==> flow/design.v <==
module barrel_stage #(
    parameter WD = 12,
    parameter SBITS = $clog2(WD)
) (
    input wire i_clk,
    input wire [WD-1:0] val,
    input wire [SBITS-1:0] n,
    output wire [WD-1:0] data_out
);
    wire [2*WD-1:0] work;
    assign work = {val, val} >> n;
    reg [WD-1:0] data_out_s;
    always @(posedge i_clk) begin
        data_out_s <= work[WD-1:0];
    end
    assign data_out = data_out_s;
endmodule
--- tool output ---
=== Step by step through the tools: barrel_stage ===
A sweep over "WD": the same steps for each member of the family.
The file above is the member WD 12. Line numbers count from 1 in each member's own file.
Operators carry their Yosys type and port widths (W data, S select, Z words).
The mark n/a stands for no value.

* Design top: barrel_stage
* Clock: i_clk
* Library: sky130hd
* Timing corner: tt_025C_1v80

=== Source of the members ===
Lines of each other member's file that are new or changed against the file above; lines that a member lacks are not shown.

{| class="wikitable"
|+ New or changed lines
! WD !! RTL line !! RTL
|-
| 20 || 2 || <nowiki>parameter WD = 20,</nowiki>
|-
| 96 || 2 || <nowiki>parameter WD = 96,</nowiki>
|}

=== Elaborated design ===
Counts by Yosys on the flattened word-level netlist (proc, flatten, opt, wreduce; memories kept). Register bits leave out memories and registers merged into their read ports (data or address); mux counts leave out enables and synchronous resets folded into registers. Print and check cells are left out. Cells with the same type and inputs are merged into one.

{| class="wikitable"
|+ Word-level totals
! WD !! register bits after elaboration !! bits in latches !! bits in writable memories !! bits in read-only memories !! clocked read ports x word width !! memory cells !! output and inout bits !! cells after elaboration
|-
| 12 || 12 || 0 || 0 || 0 || 0 || 0 || 12 || 2
|-
| 20 || 20 || 0 || 0 || 0 || 0 || 0 || 20 || 2
|-
| 96 || 96 || 0 || 0 || 0 || 0 || 0 || 96 || 2
|}

{| class="wikitable"
|+ Cells by class
! WD !! $add $sub $neg !! $mul !! divide/modulo/power cells !! $lt $le $gt $ge !! equality and inequality tests !! shift operators !! muxes and demuxes !! bitwise operators !! reductions and logical operators
|-
| 12 || 0 || 0 || 0 || 0 || 0 || 1 || 0 || 0 || 0
|-
| 20 || 0 || 0 || 0 || 0 || 0 || 1 || 0 || 0 || 0
|-
| 96 || 0 || 0 || 0 || 0 || 0 || 1 || 0 || 0 || 0
|}

{| class="wikitable"
|+ Operators with widths
! WD !! kind and count
|-
| 12 || 1 x $shr A24 B4 Y12
|-
| 20 || 1 x $shr A40 B5 Y20
|-
| 96 || 1 x $shr A192 B7 Y96
|}

=== Logic depth ===
Yosys ltp: most cells in a row. Word level: on the elaborated netlist, between registers, memories and ports. Mapped: between sequential cells and ports; inverters and the memories' decode and read muxes count.

{| class="wikitable"
|+ Logic depth
! WD !! depth in word-level cells !! ABC_AREA !! depth in mapped cells !! mapped depth without buffers
|-
| 12 || 1 || 0 || 6 || 4
|-
| 20 || 1 || 0 || 7 || 4
|-
| 96 || 1 || 0 || 12 || 6
|}

=== Synthesis result ===
The flow's flattened synthesis, as Yosys stat reports it; memories are mapped. The netlist is that of the ABC_AREA named above (0 if unset); the other value can give another one.
The area totals of this step are shown rounded.

{| class="wikitable"
|+ Cells by type
! WD !! type and count
|-
| 12 || 12 x sky130_fd_sc_hd__dfxtp_1; 11 x sky130_fd_sc_hd__mux2i_1; 4 x sky130_fd_sc_hd__mux4_2; 7 x sky130_fd_sc_hd__mux2_2; 9 x sky130_fd_sc_hd__nand3_1; 10 x sky130_fd_sc_hd__nand2_1; 1 x sky130_fd_sc_hd__mux4_1; 4 x sky130_fd_sc_hd__nor2b_1; 3 x sky130_fd_sc_hd__nand2b_1; 2 x sky130_fd_sc_hd__o221ai_1; 2 x sky130_fd_sc_hd__a211oi_1; 3 x sky130_fd_sc_hd__a21oi_1; 2 x sky130_fd_sc_hd__a22oi_1; 4 x sky130_fd_sc_hd__clkbuf_1; 4 x sky130_fd_sc_hd__nor2_1; 2 x sky130_fd_sc_hd__a31oi_1; 2 x sky130_fd_sc_hd__o22ai_1; 1 x sky130_fd_sc_hd__buf_6; (+16)
|-
| 20 || 29 x sky130_fd_sc_hd__mux4_2; 20 x sky130_fd_sc_hd__dfxtp_1; 9 x sky130_fd_sc_hd__mux4_1; 21 x sky130_fd_sc_hd__mux2i_1; 14 x sky130_fd_sc_hd__mux2_2; 8 x sky130_fd_sc_hd__a221oi_1; 11 x sky130_fd_sc_hd__o21ai_0; 6 x sky130_fd_sc_hd__a211oi_1; 11 x sky130_fd_sc_hd__nand2_1; 8 x sky130_fd_sc_hd__buf_2; 10 x sky130_fd_sc_hd__clkbuf_1; 6 x sky130_fd_sc_hd__o22ai_1; 9 x sky130_fd_sc_hd__nor2_1; 2 x sky130_fd_sc_hd__a221oi_2; 5 x sky130_fd_sc_hd__a21oi_1; 4 x sky130_fd_sc_hd__nand2b_1; 5 x sky130_fd_sc_hd__nor3_1; 2 x sky130_fd_sc_hd__buf_6; (+39)
|-
| 96 || 149 x sky130_fd_sc_hd__mux4_2; 96 x sky130_fd_sc_hd__dfxtp_1; 109 x sky130_fd_sc_hd__mux2_2; 103 x sky130_fd_sc_hd__mux2i_1; 114 x sky130_fd_sc_hd__nand2_1; 67 x sky130_fd_sc_hd__o22ai_1; 105 x sky130_fd_sc_hd__nor2_1; 61 x sky130_fd_sc_hd__o21ai_0; 53 x sky130_fd_sc_hd__a21oi_1; 34 x sky130_fd_sc_hd__a22oi_1; 61 x sky130_fd_sc_hd__clkbuf_1; 43 x sky130_fd_sc_hd__buf_2; 25 x sky130_fd_sc_hd__a211oi_1; 19 x sky130_fd_sc_hd__a22o_1; 13 x sky130_fd_sc_hd__a221oi_1; 13 x sky130_fd_sc_hd__o221ai_1; 15 x sky130_fd_sc_hd__o211ai_1; 21 x sky130_fd_sc_hd__nand3_1; (+202)
|}

The mark (+n) counts cells that are not listed.

{| class="wikitable"
|+ Mapped netlist
! WD !! standard cells after synthesis !! mapped area (sq mm) !! mapped flip-flops !! buffers
|-
| 12 || 99 || 0.00092 || 12 || 8
|-
| 20 || 219 || 0.0024 || 20 || 24
|-
| 96 || 1303 || 0.012 || 96 || 136
|}

=== Timing after synthesis ===
Path of least setup slack by OpenSTA after synthesis, without wires, with an ideal clock, recovery checks aside; 20% of the period is set as input and as output delay. Where synthesis merged equal registers, the netlist keeps one of their names.

{| class="wikitable"
|+ Path after synthesis
! WD !! path type !! start !! end !! clock period (ns) !! slack (ns) !! stages on the path !! path delay (ns) !! synthesis period reached (ns)
|-
| 12 || input to register || input port n[0] || register data_out_s[3] || 2.08 || 0.333 || 4 || 1.331 || 1.747
|-
| 20 || input to register || input port n[0] || register data_out_s[7] || 2.34 || 0.374 || 6 || 1.497 || 1.966
|-
| 96 || input to register || input port n[3] || register data_out_s[7] || 3.47 || 0.554 || 9 || 2.222 || 2.916
|}

"path delay" = arrival - input delay + setup time.
"stages on the path": output pins that drive a net of the path, with the launching flip-flop's if there is one; two outputs of one cell count as two.
"synthesis period reached" = period - worst setup slack (recovery checks aside). The figure is calculated, with input and output delays left at 20% of the set period.
The rows between start and end are the longest chain of elaborated cells between them; the timing report does not say that the signal goes this way. Where chains are equally long, one stands for them.
A line is the first line of the expression or statement that the cell stems from. Yosys adds cells for indexed reads and writes and turns some case tables into memories.

Between the ends, after synthesis, WD 12:
* Length of the longest elaborated chain: 1

{| class="wikitable"
|+ RTL lines, path after synthesis, WD 12
! element !! RTL line !! RTL
|-
| from (decl) || 7 || <nowiki>input wire [SBITS-1:0] n,</nowiki>
|-
| $shr A24 B4 Y12 || 11 || <nowiki>assign work = {val, val} >> n;</nowiki>
|-
| to (assign) || 14 || <nowiki>data_out_s <= work[WD-1:0];</nowiki>
|-
| to (decl) || 12 || <nowiki>reg [WD-1:0] data_out_s;</nowiki>
|}

Between the ends, after synthesis, WD 96:
* Length of the longest elaborated chain: 1

{| class="wikitable"
|+ RTL lines, path after synthesis, WD 96
! element !! RTL line !! RTL
|-
| from (decl) || 7 || <nowiki>input wire [SBITS-1:0] n,</nowiki>
|-
| $shr A192 B7 Y96 || 11 || <nowiki>assign work = {val, val} >> n;</nowiki>
|-
| to (assign) || 14 || <nowiki>data_out_s <= work[WD-1:0];</nowiki>
|-
| to (decl) || 12 || <nowiki>reg [WD-1:0] data_out_s;</nowiki>
|}

=== Worst path after layout ===
From the final timing report of the run of each member: the path of least setup slack in the routed layout; clock arrival at registers is part of the times.

{| class="wikitable"
|+ Path after layout
! WD !! path type !! start !! end !! clock period (ns) !! slack (ns) !! stages on the path !! arrival (ns)
|-
| 12 || input to register || input port val[8] || register data_out_s[3] || 2.08 || 0.21 || 4 || 2.02
|-
| 20 || input to register || input port val[6] || register data_out_s[6] || 2.34 || 0.16 || 5 || 2.32
|-
| 96 || input to register || input port n[1] || register data_out_s[66] || 3.47 || 0.25 || 9 || 3.46
|}

=== Layout results ===
Settings and results of one run of the flow (Yosys, OpenROAD) for each member follow. The constraints put input and output delay at 20% of the set period each and load the outputs with 0.01 pF.

* CAP_MARGIN: 20
* CORE_MARGIN: 2
* CORE_UTILIZATION: 40
* SLEW_MARGIN: 20

{| class="wikitable"
|+ Settings by member
! WD !! period_ns
|-
| 12 || 2.08
|-
| 20 || 2.34
|-
| 96 || 3.47
|}

{| class="wikitable"
|+ Measured results
! WD !! synthesis area (sq mm) !! area of the die (sq mm) !! utilization after routing !! setup slack of the critical path (ns) !! worst hold slack (ns) !! power consumption (uW) !! achieved period (ns)
|-
| 12 || 0.00092 || 0.0027 || 0.63 || 0.21 || 0.88 || 750 || 1.867
|-
| 20 || 0.0024 || 0.0067 || 0.55 || 0.16 || 1.0 || 1400 || 2.183
|-
| 96 || 0.012 || 0.032 || 0.52 || 0.25 || 0.84 || 5700 || 3.216
|}

"achieved period" is the run's clock period less its worst setup slack. It is reckoned from that one timing run; input and output delays stay at 20% of the period that was set.
"power consumption": no workload was simulated; the value follows from the tool's default switching activity.
The measured numbers are rounded.
--- end ---
